==> flow/design.v <==
module ex_compare #(
    parameter integer BITS = 10
) (
    input  aclk,
    input  [BITS-1:0] opa,
    input  [BITS-1:0] opb,
    output reg is_lt,
    output reg same
);
    reg [BITS-1:0] opa_r;
    reg [BITS-1:0] opb_r;
    reg [BITS:0] work_r;
    always @(posedge aclk) begin
        opa_r <= opa;
        opb_r <= opb;
        work_r <= {1'b0, opa_r} - {1'b0, opb_r};
        is_lt <= work_r[BITS];
        same <= ~|work_r[BITS-1:0];
    end
endmodule
Step by step through the tools: ex_compare
Tool output for the design above, in the order of the flow.
Line numbers count from 1 in the design file above.
Library cell names are shortened.
{ "design": {"top_module": "ex_compare", "clock": "aclk", "lib": "sky130hd", "pvt_corner": "tt_025C_1v80"} }

Word level
Counts by Yosys on the flattened word-level netlist (proc, flatten, opt, wreduce; memories kept). Register bits leave out memories and registers merged into their read ports (data or address); mux counts leave out enables and synchronous resets folded into registers. Print and check cells are left out. Cells with the same type and inputs are merged into one.
{ "word_totals": {"romBits": 0, "ff_bits": 33, "latch_bits": 0, "mem_count": 0, "output_inout_bits": 2, "ramBits": 0, "clocked_rd_ports_x_width": 0} }
{ "op_classes": {"reduce_logical": 2, "bitwise": 0, "muxes": 0, "addsub": 1, "n_cmp": 0, "n_shift": 0, "div_mod_pow": 0, "n_eq": 0, "mul": 0} }
{ "op_table": {"columns": ["op", "count"], "rows": [
  ["10-bit by 10-bit subtractor with 11-bit output", 1],
  ["10-bit OR reduction", 1],
  ["1-bit zero test", 1]
]} }

Longest topological paths
Depth = most cells in a row (Yosys ltp): at word level without a register or memory, in the mapped netlist without a sequential cell, where the memories' decode and read muxes count.
{ "logic_depth": {"depth_word": 2, "ABC_AREA": 0, "ltp_mapped": 9, "depth_no_buf": 9} }

Synthesis result
Source: synth_stat.txt of the flow (Yosys; design flattened, memories mapped). It holds for the ABC_AREA given above (unset counts as 0); a run with the other value may have another netlist.
{ "synth_totals": {"stdcells": 98, "sequential_area_um2": 660.6, "ffs": 33, "area_um2": 1153.6} }
{ "by_type": {"columns": ["cell", "count", "type_area_um2"], "rows": [
  ["dfxtp_1", 33, 660.634],
  ["ha_1", 10, 125.12],
  ["inv_1", 13, 48.797],
  ["a21oi_1", 7, 35.034],
  ["xnor2_1", 4, 35.034],
  ["a2111oi_4", 1, 27.526],
  ["xor2_1", 3, 26.275],
  ["fa_1", 1, 20.019],
  ["a21o_1", 2, 15.014],
  ["o21ai_0", 3, 15.014],
  ["or4_1", 2, 15.014],
  ["nor2b_1", 2, 12.512],
  ["and3_4", 1, 11.261],
  ["o21bai_2", 1, 11.261],
  ["o21ai_1", 2, 10.01],
  ["a21oi_2", 1, 8.758],
  ["a41oi_1", 1, 8.758],
  ["o31a_1", 1, 8.758]
]} }
Not listed: further types 10, cells in them 10.

Timing after synthesis
OpenSTA on the mapped netlist: ideal clock, no wires. The path of least setup slack (recovery checks aside). Input and output delay are each 20% of the period. Register names are those of the netlist, which keeps one name where synthesis merged equal registers.
{ "synth_timing": {"kind": "reg-to-reg", "from": "reg opa_r[0]", "to": "reg work_r[8]", "path_buffers": 0, "path_stages": 10, "launch_ns": 0.000, "t_required_ns": 2.268, "clock_period_ns": 2.34, "path_delay_ns": 1.872, "path_slack_ns": 0.468, "arrival_ns": 1.800, "period_less_setup_slack_ns": 1.872} }
"path_delay_ns" = arrival - input delay + setup time.
"path_stages": output pins that drive a net of the path, with the launching flip-flop's if there is one; two outputs of one cell count as two.
"period_less_setup_slack_ns" = period - worst setup slack (recovery checks aside). The figure is calculated, with input and output delays left at 20% of the set period.
The rows between start and end are the longest chain of elaborated cells between them; the timing report does not say that the signal goes this way. Where chains are equally long, one stands for them.
Each line given opens the expression or statement behind the cell; cells for indexed reads and writes are added by Yosys, which also makes memories of some case tables.
{ "synth_via": {"cell_sequence": "dfxtp_1 > inv_1 > ha_1 > inv_1 > fa_1 > a21o_1 > a2111oi_4 > o21bai_2 > a21oi_2 > xnor2_1", "elab_chain_cells": 1} }
{ "synth_lines": {"columns": ["element", "line", "rtl"], "rows": [
  ["from (decl)", 10, "reg [BITS-1:0] opa_r;"],
  ["from (assign)", 14, "opa_r <= opa;"],
  ["10-bit by 10-bit subtractor with 11-bit output", 16, "work_r <= {1'b0, opa_r} - {1'b0, opb_r};"],
  ["to (assign)", 16, null],
  ["to (decl)", 12, "reg [BITS:0] work_r;"]
]} }

Worst path after layout
Path of least setup slack in the final report of record 1 (OpenROAD, finished layout, wires in). Where an end is a register, its clock arrival counts in the times.
{ "layout_timing": {"kind": "reg-to-reg", "from": "reg opa_r[0]", "to": "reg work_r[10]", "arrival_ns": 2.05, "clock_period_ns": 1.38, "t_required_ns": 1.59, "path_stages": 10, "path_slack_ns": -0.46, "launch_ns": 0.27, "path_buffers": 1} }
The rows between start and end are the longest chain of elaborated cells between them; the timing report does not say that the signal goes this way. Where chains are equally long, one stands for them.
{ "layout_via": {"cell_sequence": "dfxtp_1 > inv_2 > ha_4 > inv_2 > fa_2 > a21o_1 > a2111oi_4 > buf_4 > o31ai_2 > a21oi_1", "elab_chain_cells": 1} }
{ "layout_lines": {"columns": ["element", "line", "rtl"], "rows": [
  ["from (decl)", 10, "reg [BITS-1:0] opa_r;"],
  ["from (assign)", 14, "opa_r <= opa;"],
  ["10-bit by 10-bit subtractor with 11-bit output", 16, "work_r <= {1'b0, opa_r} - {1'b0, opb_r};"],
  ["to (assign)", 16, null],
  ["to (decl)", 12, "reg [BITS:0] work_r;"]
]} }

Module ex_compare, platform sky130hd: 3 stored runs of the flow (Yosys, OpenROAD) with differing settings, in no particular order. Input and output delays are each 20% of the period that was set; the output load is 0.01 pF.
"clock_period_reached_ns" = clock period - worst setup slack. The figure is calculated, with input and output delays left at 20% of the set period.
"worst_setup_path_time_ns" = time allowed to the worst setup path (clock period - input delay - output delay, where it has them) - its slack; a late launch clock adds to it, a late capture clock takes from it.
"final_power_uw": no workload was simulated; the value follows from the tool's default switching activity.
[
  {
    "run": "record 1",
    "settings": { "period_ns": 1.38, "CORE_UTILIZATION": 16, "PLACE_DENSITY": 0.65, "CORE_ASPECT_RATIO": 0.76, "CELL_PAD_IN_SITES_DETAIL_PLACEMENT": 0, "TNS_END_PERCENT": 25, "GPL_TIMING_DRIVEN": 1, "GPL_ROUTABILITY_DRIVEN": 0, "CTS_CLUSTER_SIZE": 82, "CAP_MARGIN": 0, "SLEW_MARGIN": 15, "CORE_MARGIN": 2 },
    "results": { "ys_area_um2": 1153.6, "finalCellArea_um2": 1768.0, "tns_setup_ns": -2.201, "die_footprint_um2": 7911.7, "final_setup_ws_ns": -0.459, "worst_setup_path_time_ns": 1.84, "path_kind": "reg-to-reg", "clock_period_reached_ns": 1.839, "hold_worst_slack_ns": 0.330, "final_power_uw": 2465 }
  },
  {
    "run": "record 2",
    "settings": { "period_ns": 3.49, "CORE_UTILIZATION": 24, "SETUP_SLACK_MARGIN": 0.19, "PLACE_DENSITY_LB_ADDON": 0.21, "CORE_ASPECT_RATIO": 0.78, "CORE_MARGIN": 7, "ABC_AREA": 1, "GPL_TIMING_DRIVEN": 1, "GPL_ROUTABILITY_DRIVEN": 1, "CAP_MARGIN": 20, "MIN_ROUTING_LAYER": "met1", "MAX_ROUTING_LAYER": "met4", "SLEW_MARGIN": 20 },
    "results": { "ys_area_um2": 1214.9, "final_setup_ws_ns": 1.683, "hold_worst_slack_ns": 0.327, "final_power_uw": 806.1, "die_footprint_um2": 7265.5, "tns_setup_ns": 0.000, "worst_setup_path_time_ns": 1.11, "path_kind": "reg-to-output", "clock_period_reached_ns": 1.807, "finalCellArea_um2": 1596.5 }
  },
  {
    "run": "record 3",
    "settings": { "period_ns": 2.34, "CAP_MARGIN": 20, "CORE_MARGIN": 2, "CORE_UTILIZATION": 40, "SLEW_MARGIN": 20 },
    "results": { "tns_setup_ns": 0.000, "final_setup_ws_ns": 0.327, "finalCellArea_um2": 1467.7, "ys_area_um2": 1153.6, "worst_setup_path_time_ns": 2.01, "path_kind": "reg-to-reg", "final_power_uw": 1085, "hold_worst_slack_ns": 0.336, "die_footprint_um2": 3329.9, "clock_period_reached_ns": 2.013 }
  }
]
